==> flow/design.v <==
module u_mul_core_top (clock, aresetn, lhs_i, rhs_i, result_o);
  parameter DW = 16;
  input clock;
  input aresetn;
  input signed [DW-1:0] lhs_i;
  input signed [DW-1:0] rhs_i;
  output signed [2*DW-1:0] result_o;
  reg signed [DW-1:0] lhs_d1;
  reg signed [DW-1:0] rhs_d1;
  reg signed [2*DW-1:0] result_d1;
  always @(posedge clock or negedge aresetn) begin
    if (!aresetn) begin
      lhs_d1 <= 0;
      rhs_d1 <= 0;
      result_d1 <= 0;
    end else begin
      lhs_d1 <= lhs_i;
      rhs_d1 <= rhs_i;
      result_d1 <= lhs_d1 * rhs_d1;
    end
  end
  assign result_o = result_d1;
endmodule
# --- Reports on u_mul_core_top ---
# Tool output for the design above, in the order of the flow.
# Lines are those of the file above, counted from 1.
# Cell names lack the library's common part.
setup:
  top_module: "u_mul_core_top"
  clk_port: "clock"
  cell_library: "sky130hd"
  lib_corner: "tt_025C_1v80"

# --- Word level ---
# Yosys after proc, flatten, opt, wreduce and memory -nomap, before mapping. Enables and synchronous resets that opt folds into registers are not counted as muxes. Memory bits, and registers merged into a memory's read port (data or address), are not among the register bits. Print and check cells are not counted. Equal cells are merged and count once.
word_totals:
  register_bits: 64
  latch_bits: 0
  mem_bits_rw: 0
  romBits: 0
  clocked_rd_ports_x_width: 0
  memories: 0
  in_bits: 34
  out_inout_bits: 32
  word_cells: 4
op_classes:
  n_addsub: 0
  multipliers: 1
  n_div: 0
  compare: 0
  eq_ne: 0
  n_shift: 0
  mux: 0
  bitwise: 0
  reduce_and_logical: 0
ops:
  columns: ["operator", "n"]
  rows:
  - ["multiplier 16 x 16 -> 32 bit", 1]

# --- Longest topological paths ---
# Longest topological path by Yosys (ltp), each cell counted once; first at word level (registers and memories cut), then after technology mapping (sequential cells cut; the memories' decode and read muxes count).
depth:
  word_depth: 1
  ABC_AREA: 0
  ltp_mapped: 23
  mapped_depth_nobuf: 21

# --- After synthesis ---
# Yosys stat after the flow's synthesis: flattened, memories mapped to cells. It holds for the ABC_AREA given above (unset counts as 0); a run with the other value may have another netlist.
# Totals and module areas in this step are rounded.
mapped:
  mapped_cells: 1159
  yosys_area_mm2: 0.0115
  seq_area_mm2: 0.0016
  flip_flops: 64
  buf_cells: 37
by_type:
  columns: ["cell", "n", "area_total_um2"]
  rows:
  - ["fa_1", 262, 5245.03]
  - ["dfrtp_1", 64, 1.6E+03]
  - ["inv_1", 292, 1.1E+03]
  - ["ha_1", 82, 1.03E+03]
  - ["and2_1", 122, 763.232]
  - ["nand2_1", 132, 495.475]
  - ["xnor2_1", 27, 236.477]
  - ["a21o_1", 17, 127.622]
  - ["clkbuf_1", 33, 123.869]
  - ["nor2_1", 28, 105.101]
  - ["xor2_1", 10, 87.584]
  - ["a21oi_1", 17, 85.082]
  - ["a31oi_1", 6, 37.536]
  - ["and3_1", 6, 37.536]
  - ["nand4_1", 6, 37.536]
  - ["nor3_1", 6, 30.029]
  - ["o21ai_0", 6, 30.029]
  - ["o21bai_1", 4, 30.029]
# Not listed: further types 26, cells in them 39.

# --- Timing after synthesis ---
# Source: OpenSTA report_checks on the synthesized netlist (no wires, ideal clock, input and output delay 20% of the period each), path of least setup slack; recovery checks are left aside. Register names are those of the netlist, which keeps one name where synthesis merged equal registers.
synth_path:
  path_kind: "reg-to-reg"
  startpoint: "register lhs_d1[15]"
  endpoint: "register result_d1[29]"
  tclk_ns: 7.56
  setup_ns: 0.080
  t_first_pin_ns: 0.000
  arrival_ns: 5.966
  required_ns: 7.480
  setup_slack_ns: 1.514
  delay_ns: 6.046
  path_stages: 21
  n_path_buf: 1
  period_less_setup_slack_ns: 6.046
# "delay_ns" is the arrival time less input delay plus setup time.
# "path_stages" counts driving pins, that of a launching flip-flop among them; a cell with two outputs on the path counts twice.
# "period_less_setup_slack_ns" is the clock period less the worst setup slack; recovery checks do not enter. This is arithmetic on one report: input and output delays are still those of the set period (20% each).
# The rows between start and end are the longest chain of elaborated cells between them; the timing report does not say that the signal goes this way. Where chains are equally long, one stands for them.
# Each line given opens the expression or statement behind the cell; cells for indexed reads and writes are added by Yosys, which also makes memories of some case tables.
synth_via:
  cell_sequence: "dfrtp_1 clkbuf_1 nand2_1 inv_1 fa_1 fa_1 fa_1 fa_1 fa_1 inv_1 fa_1 inv_1 ha_1 a21o_1 a21o_1 a21o_1 a21o_1 a211oi_1 o21bai_1 a221oi_1 xnor2_1"
  elab_chain_cells: 1
  cone_cells: 1
  lines_between: 1
  cone_classes: "mul: 1"
synth_lines:
  columns: ["element", "line_no", "source"]
  rows:
  - ["start, declared", 8, "reg signed [DW-1:0] lhs_d1;"]
  - ["start, assigned", 13, "lhs_d1 <= 0;"]
  - ["start, assigned", 17, "lhs_d1 <= lhs_i;"]
  - ["multiplier 16 x 16 -> 32 bit", 19, "result_d1 <= lhs_d1 * rhs_d1;"]
  - ["end, assigned", 15, "result_d1 <= 0;"]
  - ["end, assigned", 19, null]
  - ["end, declared", 10, "reg signed [2*DW-1:0] result_d1;"]

# --- Path in the finished layout ---
# From the final timing report of entry A: the path of least setup slack in the routed layout; clock arrival at registers is part of the times.
layout_path:
  path_kind: "reg-to-reg"
  startpoint: "register lhs_d1[9]"
  endpoint: "register result_d1[22]"
  tclk_ns: 4.53
  setup_ns: 0.11
  t_first_pin_ns: 0.38
  arrival_ns: 6.28
  required_ns: 4.80
  setup_slack_ns: -1.48
  path_stages: 23
  n_path_buf: 3
# The rows between start and end are the longest chain of elaborated cells between them; the timing report does not say that the signal goes this way. Where chains are equally long, one stands for them.
layout_via:
  cell_sequence: "dfrtp_2 buf_6 buf_12 buf_6 nand2_4 fa_1 fa_2 fa_1 inv_1 fa_1 fa_1 inv_1 fa_1 inv_2 ha_4 a21o_1 a21o_1 a21oi_2 a311oi_2 o31a_1 o41ai_4 or4b_1 o311ai_1"
  elab_chain_cells: 1
  cone_cells: 1
  lines_between: 1
  cone_classes: "mul: 1"
layout_lines:
  columns: ["element", "line_no", "source"]
  rows:
  - ["start, declared", 8, "reg signed [DW-1:0] lhs_d1;"]
  - ["start, assigned", 13, "lhs_d1 <= 0;"]
  - ["start, assigned", 17, "lhs_d1 <= lhs_i;"]
  - ["multiplier 16 x 16 -> 32 bit", 19, "result_d1 <= lhs_d1 * rhs_d1;"]
  - ["end, assigned", 15, "result_d1 <= 0;"]
  - ["end, assigned", 19, null]
  - ["end, declared", 10, "reg signed [2*DW-1:0] result_d1;"]

Design u_mul_core_top on sky130hd. What follows are 3 stored runs of the flow, each under its own settings; their order means nothing. The constraints put input and output delay at 20% of the set period each and load the outputs with 0.01 pF.
"worst_setup_path_time_ns" = time allowed to the worst setup path (clock period - input delay - output delay, where it has them) - its slack; a late launch clock adds to it, a late capture clock takes from it.
Values from the reports are rounded here.

--- entry A ---
==> flow/run.sh <==
#!/bin/bash
# the make line also repeats the synthesis and layout settings of config.mk as NAME=value (left out here)
make -C /OpenROAD-flow-scripts/flow DESIGN_CONFIG=/design/flow/config.mk WORK_HOME=/design/flow/orfs CLKGATE_MAP_FILE= finish
==> flow/config.mk <==
export PLATFORM = sky130hd
export DESIGN_NAME = u_mul_core_top
export DESIGN_NICKNAME = u_mul_core_top
export VERILOG_FILES = /design/flow/design.v
export SDC_FILE = /design/flow/constraint.sdc
export NUM_CORES = 4
export LEC_CHECK = 0
export CAP_MARGIN = 20
export CELL_PAD_IN_SITES_DETAIL_PLACEMENT = 1
export CELL_PAD_IN_SITES_GLOBAL_PLACEMENT = 3
export CORE_MARGIN = 2
export CORE_UTILIZATION = 38
export CTS_CLUSTER_DIAMETER = 304
export CTS_CLUSTER_SIZE = 31
export GPL_TIMING_DRIVEN = 1
export MAX_ROUTING_LAYER = met5
export MIN_ROUTING_LAYER = met2
export PLACE_DENSITY_LB_ADDON = 0.05
export SLEW_MARGIN = 20
==> flow/constraint.sdc <==
create_clock -name core_clock -period 4.53 [get_ports {clock}]
set_input_delay 0.9060 -clock core_clock [delete_from_list [all_inputs] [get_ports {clock}]]
set_output_delay 0.9060 -clock core_clock [all_outputs]
set_load 0.01 [all_outputs]

==> results, as YAML <==
results:
  worstSetupSlack_ns: -1.48
  final_die_area_mm2: 0.0317
  post_synth_area_mm2: 0.0115
  final_stdcell_area_mm2: 0.0154
  worst_setup_path_time_ns: 6.01
  worstPathKind: "reg-to-reg"
  setupTns_ns: -22.0

--- entry B ---
==> flow/run.sh <==
#!/bin/bash
# the make line also repeats the synthesis and layout settings of config.mk as NAME=value (left out here)
make -C /OpenROAD-flow-scripts/flow DESIGN_CONFIG=/design/flow/config.mk WORK_HOME=/design/flow/orfs CLKGATE_MAP_FILE= finish
==> flow/config.mk <==
export PLATFORM = sky130hd
export DESIGN_NAME = u_mul_core_top
export DESIGN_NICKNAME = u_mul_core_top
export VERILOG_FILES = /design/flow/design.v
export SDC_FILE = /design/flow/constraint.sdc
export NUM_CORES = 4
export LEC_CHECK = 0
export ABC_AREA = 0
export CAP_MARGIN = 35
export CELL_PAD_IN_SITES_GLOBAL_PLACEMENT = 3
export CORE_MARGIN = 2
export CORE_UTILIZATION = 60
export CTS_CLUSTER_DIAMETER = 94
export CTS_CLUSTER_SIZE = 41
export GPL_ROUTABILITY_DRIVEN = 1
export GPL_TIMING_DRIVEN = 1
export MAX_ROUTING_LAYER = met5
export PLACE_DENSITY_LB_ADDON = 0.01
export SLEW_MARGIN = 20
==> flow/constraint.sdc <==
create_clock -name core_clock -period 8.06 [get_ports {clock}]
set_input_delay 1.6120 -clock core_clock [delete_from_list [all_inputs] [get_ports {clock}]]
set_output_delay 1.6120 -clock core_clock [all_outputs]
set_load 0.01 [all_outputs]

==> results, as YAML <==
outcome: "did not finish, placement stopped with FLW-0024"

--- entry C ---
==> flow/run.sh <==
#!/bin/bash
# the make line also repeats the synthesis and layout settings of config.mk as NAME=value (left out here)
make -C /OpenROAD-flow-scripts/flow DESIGN_CONFIG=/design/flow/config.mk WORK_HOME=/design/flow/orfs CLKGATE_MAP_FILE= finish
==> flow/config.mk <==
export PLATFORM = sky130hd
export DESIGN_NAME = u_mul_core_top
export DESIGN_NICKNAME = u_mul_core_top
export VERILOG_FILES = /design/flow/design.v
export SDC_FILE = /design/flow/constraint.sdc
export NUM_CORES = 4
export LEC_CHECK = 0
export CAP_MARGIN = 20
export CORE_MARGIN = 2
export CORE_UTILIZATION = 40
export SLEW_MARGIN = 20
==> flow/constraint.sdc <==
create_clock -name core_clock -period 7.56 [get_ports {clock}]
set_input_delay 1.5120 -clock core_clock [delete_from_list [all_inputs] [get_ports {clock}]]
set_output_delay 1.5120 -clock core_clock [all_outputs]
set_load 0.01 [all_outputs]

==> results, as YAML <==
results:
  post_synth_area_mm2: 0.0115
  final_stdcell_area_mm2: 0.0128
  setupTns_ns: 0.000
  final_die_area_mm2: 0.0301
  worstSetupSlack_ns: 0.881
  worst_setup_path_time_ns: 6.68
  worstPathKind: "reg-to-reg"
